==> flow/design.v <==
module subtractor #(
  parameter int NBITS = 12
) (
  input logic clk_i,
  input logic clr,
  input logic [NBITS-1:0] da,
  input logic [NBITS-1:0] db,
  output logic [NBITS-1:0] d
);
  always_ff @(posedge clk_i) begin
    if (clr) begin
      d <= 0;
    end else begin
      d <= (da > db) ? da - db : db - da;
    end
  end
endmodule
# From RTL to reports: subtractor
# Tool output for the members of one design family, told apart by "NBITS", in the order of the flow.
# The file above is the member NBITS 12. Line numbers count from 1 in each member's own file.
# Operators carry their Yosys type and port widths (W data, S select, Z words).
# Cell names lack the library's common part.
# A cell with n/a has no value.
# inputs
design	subtractor
clock	clk_i
cell_library	sky130hd
corner	tt_025C_1v80

# Source of the members
# Lines of each other member's file that are new or changed against the file above; lines that a member lacks are not shown.
# src_changes
NBITS	line	source
72	2	parameter int NBITS = 72
112	2	parameter int NBITS = 112
128	2	parameter int NBITS = 128

# Word level
# Source: Yosys, flattened and elaborated, memories not mapped. Widths are those after wreduce; folded enables and synchronous resets count as part of the registers. Registers that Yosys merges into a memory's read port (data or address) are not register bits. Print and check cells do not count. Equal cells are merged and count once.
# word_totals
NBITS	reg_bits	inputBits	out_inout_bits	elab_cells
12	12	26	12	5
72	72	146	72	5
112	112	226	112	5
128	128	258	128	5
# op_classes
NBITS	add_sub_neg	cmp	n_mux
12	2	1	1
72	2	1	1
112	2	1	1
128	2	1	1
# ops
NBITS	operators
12	$sub A12 B12 Y12 (2); $gt A12 B12 Y1 (1); $mux W12 (1)
72	$sub A72 B72 Y72 (2); $gt A72 B72 Y1 (1); $mux W72 (1)
112	$sub A112 B112 Y112 (2); $gt A112 B112 Y1 (1); $mux W112 (1)
128	$sub A128 B128 Y128 (2); $gt A128 B128 Y1 (1); $mux W128 (1)

# Depth
# Longest topological path by Yosys (ltp), each cell counted once; first at word level (registers and memories cut), then after technology mapping (sequential cells cut; the memories' decode and read muxes count).
# depth
NBITS	word_depth	ABC_AREA	depth_mapped	mapped_depth_nobuf
12	2	0	10	8
72	2	0	17	13
112	2	0	17	14
128	2	0	17	15

# Mapped cells and area
# Yosys stat after the flow's synthesis: flattened, memories mapped to cells. It holds for the ABC_AREA given above (unset counts as 0); a run with the other value may have another netlist.
# The area totals of this step are shown rounded.
# by_type
NBITS	type_list
12	ha_1 (23); dfxtp_1 (12); mux2_1 (9); mux2i_1 (10); inv_1 (23); a21oi_1 (17); nor2b_1 (12); a21o_1 (8); nor2_1 (14); fa_1 (2); o21ai_0 (7); a211oi_1 (4); nand2_1 (8); buf_4 (3); buf_6 (2); a221oi_2 (1); nand3b_1 (2); o21a_1 (2); [+19]
72	ha_1 (143); dfxtp_1 (72); a21oi_1 (240); inv_1 (176); nor2_1 (166); o21ai_0 (115); nand2_1 (115); a21o_1 (54); o21bai_1 (43); mux2i_1 (30); xnor2_1 (33); nand4_1 (45); buf_2 (35); clkbuf_1 (38); mux2_2 (12); nor3_1 (25); o211ai_1 (16); a221oi_1 (13); [+236]
112	ha_1 (223); dfxtp_1 (112); a21oi_1 (382); o21ai_0 (218); nor2_1 (287); inv_1 (262); nand2_1 (248); xnor2_1 (68); a21o_1 (74); o21bai_1 (74); buf_2 (78); nand4_1 (56); o21a_1 (37); xor2_1 (31); buf_4 (35); a31oi_1 (32); nand3_1 (38); nor3_1 (38); [+390]
128	ha_1 (255); dfxtp_1 (128); a21oi_1 (479); o21ai_0 (284); nor2_1 (358); inv_1 (299); nand2_1 (268); xnor2_1 (73); nand4_1 (92); o21bai_1 (65); buf_2 (88); a21o_1 (58); xor2_1 (47); o211ai_1 (35); nor3_1 (47); a211oi_1 (28); a31oi_1 (33); clkbuf_1 (50); [+351]
# A list marked [+n] leaves out that many cells.
# synth_totals
NBITS	stdcells	yosys_area_um2	sequential_area_um2	ff_cells	buf_cells
12	178	1450	240	12	9
72	1607	11000	1440	72	85
112	2683	18100	2240	112	137
128	3038	19900	2560	128	158

# Timing after synthesis
# Path of least setup slack by OpenSTA after synthesis, without wires, with an ideal clock, recovery checks aside; 20% of the period is set as input and as output delay. Where synthesis merged equal registers, the netlist keeps one of their names.
# synth_timing
NBITS	kind	from	to	clock_period_ns	path_slack_ns	driving_pins	delay_ns	synth_period_reached_ns
12	input-to-reg	input port da[0]	register d[10]	3.06	0.490	9	1.958	2.57
72	input-to-reg	input port da[23]	register d[70]	4.64	0.743	14	2.969	3.897
112	input-to-reg	input port da[22]	register d[105]	4.43	0.710	13	2.833	3.72
128	input-to-reg	input port da[63]	register d[119]	4.92	0.785	14	3.150	4.135
# "delay_ns" is the arrival time less input delay plus setup time.
# "driving_pins": output pins that drive a net of the path, with the launching flip-flop's if there is one; two outputs of one cell count as two.
# "synth_period_reached_ns" = period - worst setup slack (recovery checks aside). The figure is calculated, with input and output delays left at 20% of the set period.
# Between the ends stands the longest chain of elaborated cells between them, by number of cells; it is not shown to be the way that was timed. Of several equally long chains one is given.
# Each line given opens the expression or statement behind the cell; cells for indexed reads and writes are added by Yosys, which also makes memories of some case tables.
# synth_between_NBITS_12
elab_chain_len	2
# synth_rtl_NBITS_12
element	line	source
start, declared	6	input logic [NBITS-1:0] da,
$sub A12 B12 Y12	14	d <= (da > db) ? da - db : db - da;
$mux W12	14
end, assigned	12	d <= 0;
end, assigned	14
end, declared	8	output logic [NBITS-1:0] d
# synth_between_NBITS_128
elab_chain_len	2
# synth_rtl_NBITS_128
element	line	source
start, declared	6	input logic [NBITS-1:0] da,
$sub A128 B128 Y128	14	d <= (da > db) ? da - db : db - da;
$mux W128	14
end, assigned	12	d <= 0;
end, assigned	14
end, declared	8	output logic [NBITS-1:0] d

# Worst path after layout
# From the final timing report of the run of each member: the path of least setup slack in the routed layout; clock arrival at registers is part of the times.
# layout_timing
NBITS	kind	from	to	clock_period_ns	path_slack_ns	driving_pins	arrival_ns	n_path_buf
12	input-to-reg	input port da[0]	register d[3]	3.06	0.18	10	3.03	2
72	input-to-reg	input port da[37]	register d[70]	4.64	0.23	14	4.65	2
112	input-to-reg	input port da[78]	register d[101]	4.43	0.05	17	4.64	4
128	input-to-reg	input port da[69]	register d[119]	4.92	0.14	15	5.18	2

# Flow runs
# One run of the flow (Yosys, OpenROAD) for each member, with settings and measured results. Input and output delays are each 20% of the period that was set; the output load is 0.01 pF.
# flow_settings
CAP_MARGIN	20
CORE_MARGIN	2
CORE_UTILIZATION	40
SLEW_MARGIN	20
# settings_by_member
NBITS	period_ns
12	3.06
72	4.64
112	4.43
128	4.92
# results
NBITS	synth_area_um2	total_die_area_um2	final_stdcell_area_um2	layout_utilization_frac	final_setup_ws_ns	power_total_uw	achieved_clock_period_ns
12	1450	4120	1940	0.568	0.184	649	2.876
72	11000	28800	15300	0.569	0.230	3650	4.410
112	18100	46900	29200	0.657	0.046	6870	4.384
128	19900	51500	30300	0.618	0.141	7170	4.779
# By "achieved_clock_period_ns" is meant the clock period of the run minus its worst setup slack. This is arithmetic on one report: input and output delays are still those of the set period (20% each).
# "power_total_uw": no workload was simulated; the value follows from the tool's default switching activity.
# Results are given in rounded form.
